==> flow/design.v <==
module core_comparator_blk #(
  parameter NBITS = 112
) (
  input  logic clk,
  input  logic [NBITS-1:0] in_op_a,
  input  logic [NBITS-1:0] in_op_b,
  output logic out_a_eq_b
);
  logic [NBITS-1:0] op_a_ff;
  logic [NBITS-1:0] op_b_ff;
  always_ff @(posedge clk) begin
    op_a_ff <= in_op_a;
    op_b_ff <= in_op_b;
  end
  logic [NBITS-1:0] val;
  assign val = op_a_ff ^ op_b_ff;
  assign out_a_eq_b = ~|val;
endmodule
# Reports on core_comparator_blk
# Tool output for the design above, in the order of the flow.
# Lines are those of the file above, counted from 1.
# Operators carry their Yosys type and port widths (W data, S select, Z words).
# Cell names lack the library's common part.
# A cell with n/a has no value.
[setup]
design = "core_comparator_blk"
clock = "clk"
lib = "sky130hd"
corner = "tt_025C_1v80"

# Elaborated design
# Source: Yosys, flattened and elaborated, memories not mapped. Widths are those after wreduce; folded enables and synchronous resets count as part of the registers. Registers that Yosys merges into a memory's read port (data or address) are not register bits. Print and check cells do not count. Equal cells are merged and count once.
[word_totals]
ff_bits = 224
wordCells = 5
[op_classes]
logic = 1
n_reduce_logical = 2
[ops]
columns = ["operator", "n"]
rows = [
  ["$xor A112 B112 Y112", 1],
  ["$reduce_or A112 Y1", 1],
  ["$logic_not A1 Y1", 1],
]

# Depth
# Yosys ltp: most cells in a row. Word level: on the elaborated netlist, between registers, memories and ports. Mapped: between sequential cells and ports; inverters and the memories' decode and read muxes count.
[logic_depth]
depth_word = 3
ABC_AREA = 0
mapped_depth = 5
ltp_nobuf = 5

# Netlist
# Yosys stat after the flow's synthesis: flattened, memories mapped to cells. It holds for the ABC_AREA given above (unset counts as 0); a run with the other value may have another netlist.
# The area totals of this step are shown rounded.
[mapped]
mapped_cells = 373
synth_area_um2 = 5700
flip_flops = 224
[by_type]
columns = ["type", "n"]
rows = [
  ["dfxtp_1", 224],
  ["xnor2_1", 64],
  ["xor2_1", 48],
  ["nand4_1", 20],
  ["nor4_1", 12],
  ["nor4_2", 5],
]

# Worst setup path after synthesis
# OpenSTA on the mapped netlist: ideal clock, no wires. The path of least setup slack (recovery checks aside). Input and output delay are each 20% of the period. Register names are those of the netlist, which keeps one name where synthesis merged equal registers.
[synth_path]
path_kind = "flip-flop to output port"
start = "reg op_b_ff[70]"
end = "out out_a_eq_b"
period_ns = 1.86
t_arrival_ns = 1.192
required_ns = 1.488
setup_slack_ns = 0.296
delay_ns = 1.192
path_stages = 5
n_path_buf = 0
period_less_setup_slack_ns = 1.564
# "delay_ns" = arrival - input delay + setup time.
# At an output port there is no setup time.
# "path_stages": output pins that drive a net of the path, with the launching flip-flop's if there is one; two outputs of one cell count as two.
# "period_less_setup_slack_ns" is the clock period less the worst setup slack; recovery checks do not enter. This is arithmetic on one report: input and output delays are still those of the set period (20% each).
# Between the ends stands the longest chain of elaborated cells between them, by number of cells; it is not shown to be the way that was timed. Of several equally long chains one is given.
# A line is the first line of the expression or statement that the cell stems from. Yosys adds cells for indexed reads and writes and turns some case tables into memories.
[synth_via]
cell_sequence = "dfxtp_1 -> xor2_1 -> nor4_2 -> nand4_1 -> nor4_2"
elab_chain_len = 3
[synth_lines]
columns = ["element", "line_no", "text"]
rows = [
  ["start, declared", 10, "logic [NBITS-1:0] op_b_ff;"],
  ["start, assigned", 13, "op_b_ff <= in_op_b;"],
  ["$xor A112 B112 Y112", 16, "assign val = op_a_ff ^ op_b_ff;"],
  ["$reduce_or A112 Y1", 17, "assign out_a_eq_b = ~|val;"],
  ["$logic_not A1 Y1", 17, ""],
  ["end, declared", 7, "output logic out_a_eq_b"],
]

# Timing after layout
# From the final timing report of entry A: the path of least setup slack in the routed layout; clock arrival at registers is part of the times.
[layout_path]
path_kind = "flip-flop to output port"
start = "reg op_b_ff[2]"
end = "out out_a_eq_b"
period_ns = 1.86
t_arrival_ns = 2.08
required_ns = 1.49
setup_slack_ns = -0.60
path_stages = 8
n_path_buf = 2
# Between the ends stands the longest chain of elaborated cells between them, by number of cells; it is not shown to be the way that was timed. Of several equally long chains one is given.
[layout_via]
cell_sequence = "dfxtp_1 -> xnor2_1 -> nand4_1 -> nor4_2 -> buf_4 -> nand4_1 -> nor4_2 -> buf_2"
elab_chain_len = 3
[layout_lines]
columns = ["element", "line_no", "text"]
rows = [
  ["start, declared", 10, "logic [NBITS-1:0] op_b_ff;"],
  ["start, assigned", 13, "op_b_ff <= in_op_b;"],
  ["$xor A112 B112 Y112", 16, "assign val = op_a_ff ^ op_b_ff;"],
  ["$reduce_or A112 Y1", 17, "assign out_a_eq_b = ~|val;"],
  ["$logic_not A1 Y1", 17, ""],
  ["end, declared", 7, "output logic out_a_eq_b"],
]

# Settings and measured results of 3 stored flow runs for module core_comparator_blk (sky130hd), not sorted in any way. The constraints put input and output delay at 20% of the set period each and load the outputs with 0.01 pF.
# "achievedPeriod_ns": clock period set for the run, less the worst setup slack. It is reckoned from that one timing run; input and output delays stay at 20% of the period that was set.
# "worst_path_ns" is the time allowed to the run's worst setup path (the clock period less input and output delay, where it has them) less its slack. Clock arrival times count: a late capture clock shortens it, a late launch clock lengthens it.
# By "fin_power_uw" is meant OpenSTA's value without simulated activity: inputs other than the clock are taken to toggle once in ten clock periods, and the tool carries that through the logic.
# The measured numbers are rounded.

[[run]]
name = "entry A"
[run.settings]
period_ns = 1.86
CAP_MARGIN = 20
CORE_MARGIN = 2
CORE_UTILIZATION = 40
SLEW_MARGIN = 20
[run.results]
synth_chip_area_um2 = 5700
worst_path_ns = 2.08
worst_path_kind = "flip-flop to output port"
design_die_area_um2 = 15000
tns_setup_ns = -0.60
finish.stdcell_area_um2 = 9000
worst_setup_slack_ns = -0.60
fin_power_uw = 10000
achievedPeriod_ns = 2.457

[[run]]
name = "entry B"
[run.settings]
period_ns = 2.33
CORE_UTILIZATION = 64
SETUP_SLACK_MARGIN = 0.02
PLACE_DENSITY_LB_ADDON = 0.29
TNS_END_PERCENT = 65
ABC_AREA = 1
GPL_ROUTABILITY_DRIVEN = 0
CTS_CLUSTER_SIZE = 44
CAP_MARGIN = 20
CORE_MARGIN = 2
SLEW_MARGIN = 20
[run.results]
outcome = "not finished: clock tree synthesis ended with error DPL-0033"

[[run]]
name = "entry C"
[run.settings]
period_ns = 1.08
CORE_UTILIZATION = 68
SETUP_SLACK_MARGIN = 0.24
CORE_MARGIN = 9
CELL_PAD_IN_SITES_GLOBAL_PLACEMENT = 1
TNS_END_PERCENT = 75
GPL_ROUTABILITY_DRIVEN = 1
CAP_MARGIN = 35
MAX_ROUTING_LAYER = "met5"
SLEW_MARGIN = 20
[run.results]
outcome = "not finished: placement ended with error GPL-0301"
